==> flow/design.v <==
module gen_muxn (ck, i_rst, i_d_0, i_d_1, i_d_2, i_d_3, i_d_4, i_d_5, i_d_6, i_d_7, i_d_8, i_d_9, i_sel, o_dout);
   parameter DATA_WIDTH = 64;
   input ck;
   input i_rst;
   input [DATA_WIDTH-1:0] i_d_0;
   input [DATA_WIDTH-1:0] i_d_1;
   input [DATA_WIDTH-1:0] i_d_2;
   input [DATA_WIDTH-1:0] i_d_3;
   input [DATA_WIDTH-1:0] i_d_4;
   input [DATA_WIDTH-1:0] i_d_5;
   input [DATA_WIDTH-1:0] i_d_6;
   input [DATA_WIDTH-1:0] i_d_7;
   input [DATA_WIDTH-1:0] i_d_8;
   input [DATA_WIDTH-1:0] i_d_9;
   input [3:0] i_sel;
   output [DATA_WIDTH-1:0] o_dout;
   reg [DATA_WIDTH-1:0] d_0_ff;
   reg [DATA_WIDTH-1:0] d_1_ff;
   reg [DATA_WIDTH-1:0] d_2_ff;
   reg [DATA_WIDTH-1:0] d_3_ff;
   reg [DATA_WIDTH-1:0] d_4_ff;
   reg [DATA_WIDTH-1:0] d_5_ff;
   reg [DATA_WIDTH-1:0] d_6_ff;
   reg [DATA_WIDTH-1:0] d_7_ff;
   reg [DATA_WIDTH-1:0] d_8_ff;
   reg [DATA_WIDTH-1:0] d_9_ff;
   reg [3:0] sel_ff;
   always @(posedge ck) begin
      if (i_rst) begin
         d_0_ff <= 0;
         d_1_ff <= 0;
         d_2_ff <= 0;
         d_3_ff <= 0;
         d_4_ff <= 0;
         d_5_ff <= 0;
         d_6_ff <= 0;
         d_7_ff <= 0;
         d_8_ff <= 0;
         d_9_ff <= 0;
         sel_ff <= 0;
      end else begin
         d_0_ff <= i_d_0;
         d_1_ff <= i_d_1;
         d_2_ff <= i_d_2;
         d_3_ff <= i_d_3;
         d_4_ff <= i_d_4;
         d_5_ff <= i_d_5;
         d_6_ff <= i_d_6;
         d_7_ff <= i_d_7;
         d_8_ff <= i_d_8;
         d_9_ff <= i_d_9;
         sel_ff <= i_sel;
      end
   end
   reg [DATA_WIDTH-1:0] work;
   always @(*) begin
      if (sel_ff == 0) work = d_0_ff;
      else if (sel_ff == 1) work = d_1_ff;
      else if (sel_ff == 2) work = d_2_ff;
      else if (sel_ff == 3) work = d_3_ff;
      else if (sel_ff == 4) work = d_4_ff;
      else if (sel_ff == 5) work = d_5_ff;
      else if (sel_ff == 6) work = d_6_ff;
      else if (sel_ff == 7) work = d_7_ff;
      else if (sel_ff == 8) work = d_8_ff;
      else work = d_9_ff;
   end
   assign o_dout = work;
endmodule
# ---- Reports on gen_muxn
# The steps from the RTL of gen_muxn to its reports follow in flow order.
# Line numbers count from 1 in the design file above.
# Cell names lack the library's common part.
# Not given: n/a
dict set report inputs {
  top {gen_muxn}
  clock_port {ck}
  cell_library {sky130hd}
  lib_corner {tt_025C_1v80}
}

# ---- After elaboration
# Yosys after proc, flatten, opt, wreduce and memory -nomap, before mapping. Enables and synchronous resets that opt folds into registers are not counted as muxes. Memory bits, and registers merged into a memory's read port (data or address), are not among the register bits. Print and check cells are not counted. Equal cells are merged and count once.
dict set report word_totals {
  word_cells 29
  inputBits 646
  mem_bits_ro 0
  memories 0
  register_bits 644
  latch_bits 0
  ram_bits 0
  clocked_rd_ports_x_width 0
}
dict set report classes {
  mux 9
  n_addsub 0
  n_cmp 0
  n_shift 0
  reduce_and_logical 1
  div_mod_pow 0
  multipliers 0
  logic 0
  eq_ne 8
}
# cell count
set op_table {}
lappend op_table {{two-way mux 64 bit} 9}
lappend op_table {{equality test 4 x 3 -> 1 bit with constant B} 4}
lappend op_table {{equality test 4 x 2 -> 1 bit with constant B} 2}
lappend op_table {{equality test 4 x 1 -> 1 bit with constant B} 1}
lappend op_table {{equality test 4 bit with constant B} 1}
lappend op_table {{zero test 4 bit} 1}

# ---- Depth
# Depth = most cells in a row (Yosys ltp): at word level without a register or memory, in the mapped netlist without a sequential cell, where the memories' decode and read muxes count.
dict set report depth {
  ltp_word 10
  abc_area 0
  ltp_mapped 9
  mapped_depth_nobuf 5
}

# ---- Synthesis result
# Source: synth_stat.txt of the flow (Yosys; design flattened, memories mapped). It holds for the ABC_AREA given above (unset counts as 0); a run with the other value may have another netlist.
# cell_type count area_total_um2
set by_type {}
lappend by_type {dfxtp_1 644 1.29E+04}
lappend by_type {nor2b_1 649 4.06E+03}
lappend by_type {a21oi_1 256 1.28E+03}
lappend by_type {nor2_1 157 589.315}
lappend by_type {clkbuf_1 142 533.011}
lappend by_type {o21ai_0 106 530.509}
lappend by_type {mux2i_1 45 450.432}
lappend by_type {mux4_2 18 405.389}
lappend by_type {nand2_1 82 307.795}
lappend by_type {a22oi_1 40 300.288}
lappend by_type {a22o_1 33 289.027}
lappend by_type {mux2_2 23 258.998}
lappend by_type {buf_2 50 250.24}
lappend by_type {o22ai_1 40 250.24}
lappend by_type {o21bai_1 30 225.216}
lappend by_type {o221a_2 17 191.434}
lappend by_type {nand2b_1 27 168.912}
lappend by_type {o32ai_1 19 166.41}
# Not listed: further types 30, cells in them 156.
dict set report mapped {
  ff_cells 644
  buf_cells 214
  area_mm2 0.0243058
  mapped_cells 2534
}

# ---- Path before layout
# Source: OpenSTA report_checks on the synthesized netlist (no wires, ideal clock, input and output delay 20% of the period each), path of least setup slack; recovery checks are left aside. Register names are those of the netlist, which keeps one name where synthesis merged equal registers.
dict set report synth_path {
  path_kind {flip-flop to output port}
  start {register sel_ff[1]}
  end {output port o_dout[0]}
  stages 9
  setup_slack_ns 0.406
  path_delay_ns 1.634
  arrival_time_ns 1.634
  path_buffers 3
  launch_ns 0.000
  period_ns 2.55
  synth_period_reached_ns 2.144
}
# "path_delay_ns" is the arrival time less input delay plus setup time.
# At an output port there is no setup time.
# "stages" counts driving pins, that of a launching flip-flop among them; a cell with two outputs on the path counts twice.
# "synth_period_reached_ns" is the clock period less the worst setup slack; recovery checks do not enter. This is arithmetic on one report: input and output delays are still those of the set period (20% each).
# The rows between start and end are the longest chain of elaborated cells between them; the timing report does not say that the signal goes this way. Where chains are equally long, one stands for them.
# Each line given opens the expression or statement behind the cell; cells for indexed reads and writes are added by Yosys, which also makes memories of some case tables.
dict set report synth_between {
  path_cell_list {dfxtp_1 > buf_6 > or2_2 > buf_2 > nor2_2 > buf_2 > a22o_1 > a21oi_1 > o22ai_1}
  elab_chain_len 10
}
# item line
set synth_lines {}
lappend synth_lines {{start: declaration} 27} ;# reg [3:0] sel_ff;
lappend synth_lines {{start: assignment} 40} ;# sel_ff <= 0;
lappend synth_lines {{start: assignment} 52} ;# sel_ff <= i_sel;
lappend synth_lines {{equality test 4 bit} 65} ;# else if (sel_ff == 8) work = d_8_ff;
lappend synth_lines {{two-way mux 64 bit} 65}
lappend synth_lines {{two-way mux 64 bit} 64} ;# else if (sel_ff == 7) work = d_7_ff;
lappend synth_lines {{two-way mux 64 bit} 63} ;# else if (sel_ff == 6) work = d_6_ff;
lappend synth_lines {{two-way mux 64 bit} 62} ;# else if (sel_ff == 5) work = d_5_ff;
lappend synth_lines {{two-way mux 64 bit} 61} ;# else if (sel_ff == 4) work = d_4_ff;
lappend synth_lines {{two-way mux 64 bit} 60} ;# else if (sel_ff == 3) work = d_3_ff;
lappend synth_lines {{two-way mux 64 bit} 59} ;# else if (sel_ff == 2) work = d_2_ff;
lappend synth_lines {{two-way mux 64 bit} 58} ;# else if (sel_ff == 1) work = d_1_ff;
lappend synth_lines {{two-way mux 64 bit} 57} ;# if (sel_ff == 0) work = d_0_ff;
lappend synth_lines {{end: declaration} 16} ;# output [DATA_WIDTH-1:0] o_dout;

# ---- Worst path after layout
# From the final timing report of record 1: the path of least setup slack in the routed layout; clock arrival at registers is part of the times.
dict set report layout_path {
  path_kind {flip-flop to output port}
  start {register sel_ff[0]}
  end {output port o_dout[1]}
  setup_slack_ns -0.68
  launch_ns 0.61
  path_buffers 4
  stages 10
  period_ns 2.55
  arrival_time_ns 2.72
}
# The rows between start and end are the longest chain of elaborated cells between them; the timing report does not say that the signal goes this way. Where chains are equally long, one stands for them.
dict set report layout_between {
  path_cell_list {dfxtp_4 > buf_6 > or4b_4 > buf_12 > buf_12 > nor2_4 > o32ai_4 > a21oi_4 > o22ai_2 > buf_2}
  elab_chain_len 10
}
# item line
set layout_lines {}
lappend layout_lines {{start: declaration} 27} ;# reg [3:0] sel_ff;
lappend layout_lines {{start: assignment} 40} ;# sel_ff <= 0;
lappend layout_lines {{start: assignment} 52} ;# sel_ff <= i_sel;
lappend layout_lines {{equality test 4 bit} 65} ;# else if (sel_ff == 8) work = d_8_ff;
lappend layout_lines {{two-way mux 64 bit} 65}
lappend layout_lines {{two-way mux 64 bit} 64} ;# else if (sel_ff == 7) work = d_7_ff;
lappend layout_lines {{two-way mux 64 bit} 63} ;# else if (sel_ff == 6) work = d_6_ff;
lappend layout_lines {{two-way mux 64 bit} 62} ;# else if (sel_ff == 5) work = d_5_ff;
lappend layout_lines {{two-way mux 64 bit} 61} ;# else if (sel_ff == 4) work = d_4_ff;
lappend layout_lines {{two-way mux 64 bit} 60} ;# else if (sel_ff == 3) work = d_3_ff;
lappend layout_lines {{two-way mux 64 bit} 59} ;# else if (sel_ff == 2) work = d_2_ff;
lappend layout_lines {{two-way mux 64 bit} 58} ;# else if (sel_ff == 1) work = d_1_ff;
lappend layout_lines {{two-way mux 64 bit} 57} ;# if (sel_ff == 0) work = d_0_ff;
lappend layout_lines {{end: declaration} 16} ;# output [DATA_WIDTH-1:0] o_dout;

FLOW RESULTS
============

Measured results for gen_muxn: 3 stored runs of the Yosys and OpenROAD flow on sky130hd. The settings differ; the order carries no meaning. The constraints put input and output delay at 20% of the set period each and load the outputs with 0.01 pF.
"timing.achieved_period_ns": clock period set for the run, less the worst setup slack. It is reckoned from that one timing run; input and output delays stay at 20% of the period that was set.
By "worst_path_time_ns" is meant the share of the clock period that the worst setup path is allowed (20% is reserved at inputs, 20% at outputs), minus its slack. Clock arrival times at its registers enter into it.
"power_total_mw" is the tool's figure for a default switching activity; nothing was simulated.

[flow] record 1: files
==> flow/run.sh <==
#!/bin/bash
# the make line also repeats the synthesis and layout settings of config.mk as NAME=value (left out here)
make -C /OpenROAD-flow-scripts/flow DESIGN_CONFIG=/design/flow/config.mk WORK_HOME=/design/flow/orfs CLKGATE_MAP_FILE= finish
==> flow/config.mk <==
export PLATFORM = sky130hd
export DESIGN_NAME = gen_muxn
export DESIGN_NICKNAME = gen_muxn
export VERILOG_FILES = /design/flow/design.v
export SDC_FILE = /design/flow/constraint.sdc
export NUM_CORES = 4
export LEC_CHECK = 0
export CAP_MARGIN = 20
export CORE_MARGIN = 2
export CORE_UTILIZATION = 40
export SLEW_MARGIN = 20
==> flow/constraint.sdc <==
create_clock -name core_clock -period 2.55 [get_ports {ck}]
set_input_delay 0.5100 -clock core_clock [delete_from_list [all_inputs] [get_ports {ck}]]
set_output_delay 0.5100 -clock core_clock [all_outputs]
set_load 0.01 [all_outputs]

[flow] record 1: metrics
[metrics] power_total_mw = 25.544
[metrics] yosys.chip_area_mm2 = 0.0243058
[metrics] timing.setup.tns_ns = -35.775
[metrics] setup_ws_ns = -0.684
[metrics] final_die_area_mm2 = 0.0627528
[metrics] timing.achieved_period_ns = 3.234
[metrics] post_route_stdcell_area_mm2 = 0.0381541
[metrics] worst_path_time_ns = 2.72
[metrics] path_kind = flip-flop to output port
[metrics] post_route_util_pct = 63.3
[metrics] timing.hold.ws_ns = 0.270

[flow] record 2: files
==> flow/run.sh <==
#!/bin/bash
# the make line also repeats the synthesis and layout settings of config.mk as NAME=value (left out here)
make -C /OpenROAD-flow-scripts/flow DESIGN_CONFIG=/design/flow/config.mk WORK_HOME=/design/flow/orfs CLKGATE_MAP_FILE= finish
==> flow/config.mk <==
export PLATFORM = sky130hd
export DESIGN_NAME = gen_muxn
export DESIGN_NICKNAME = gen_muxn
export VERILOG_FILES = /design/flow/design.v
export SDC_FILE = /design/flow/constraint.sdc
export NUM_CORES = 4
export LEC_CHECK = 0
export ABC_AREA = 1
export CAP_MARGIN = 10
export CORE_ASPECT_RATIO = 0.59
export CORE_MARGIN = 2
export CORE_UTILIZATION = 35
export MAX_ROUTING_LAYER = met4
export MIN_ROUTING_LAYER = met2
export PLACE_DENSITY_LB_ADDON = 0.06
export SLEW_MARGIN = 20
==> flow/constraint.sdc <==
create_clock -name core_clock -period 3.14 [get_ports {ck}]
set_input_delay 0.6280 -clock core_clock [delete_from_list [all_inputs] [get_ports {ck}]]
set_output_delay 0.6280 -clock core_clock [all_outputs]
set_load 0.01 [all_outputs]

[flow] record 2: metrics
[metrics] power_total_mw = 20.253
[metrics] yosys.chip_area_mm2 = 0.0255295
[metrics] timing.setup.tns_ns = -11.660
[metrics] setup_ws_ns = -0.278
[metrics] final_die_area_mm2 = 0.0751937
[metrics] timing.achieved_period_ns = 3.418
[metrics] post_route_stdcell_area_mm2 = 0.039887
[metrics] worst_path_time_ns = 2.79
[metrics] path_kind = flip-flop to output port
[metrics] post_route_util_pct = 55.0
[metrics] timing.hold.ws_ns = 0.378

[flow] record 3: files
==> flow/run.sh <==
#!/bin/bash
# the make line also repeats the synthesis and layout settings of config.mk as NAME=value (left out here)
make -C /OpenROAD-flow-scripts/flow DESIGN_CONFIG=/design/flow/config.mk WORK_HOME=/design/flow/orfs CLKGATE_MAP_FILE= finish
==> flow/config.mk <==
export PLATFORM = sky130hd
export DESIGN_NAME = gen_muxn
export DESIGN_NICKNAME = gen_muxn
export VERILOG_FILES = /design/flow/design.v
export SDC_FILE = /design/flow/constraint.sdc
export NUM_CORES = 4
export LEC_CHECK = 0
export ABC_AREA = 0
export CAP_MARGIN = 20
export CELL_PAD_IN_SITES_GLOBAL_PLACEMENT = 2
export CORE_MARGIN = 6
export CORE_UTILIZATION = 24
export MIN_ROUTING_LAYER = met2
export PLACE_DENSITY_LB_ADDON = 0.02
export SETUP_SLACK_MARGIN = 0.63
export SLEW_MARGIN = 20
==> flow/constraint.sdc <==
create_clock -name core_clock -period 2.79 [get_ports {ck}]
set_input_delay 0.5580 -clock core_clock [delete_from_list [all_inputs] [get_ports {ck}]]
set_output_delay 0.5580 -clock core_clock [all_outputs]
set_load 0.01 [all_outputs]

[flow] record 3: metrics
[metrics] power_total_mw = 25.930
[metrics] yosys.chip_area_mm2 = 0.0243058
[metrics] timing.setup.tns_ns = -28.189
[metrics] setup_ws_ns = -0.629
[metrics] final_die_area_mm2 = 0.109055
[metrics] timing.achieved_period_ns = 3.419
[metrics] post_route_stdcell_area_mm2 = 0.0411908
[metrics] worst_path_time_ns = 2.86
[metrics] path_kind = flip-flop to output port
[metrics] post_route_util_pct = 41.1
[metrics] timing.hold.ws_ns = 0.381
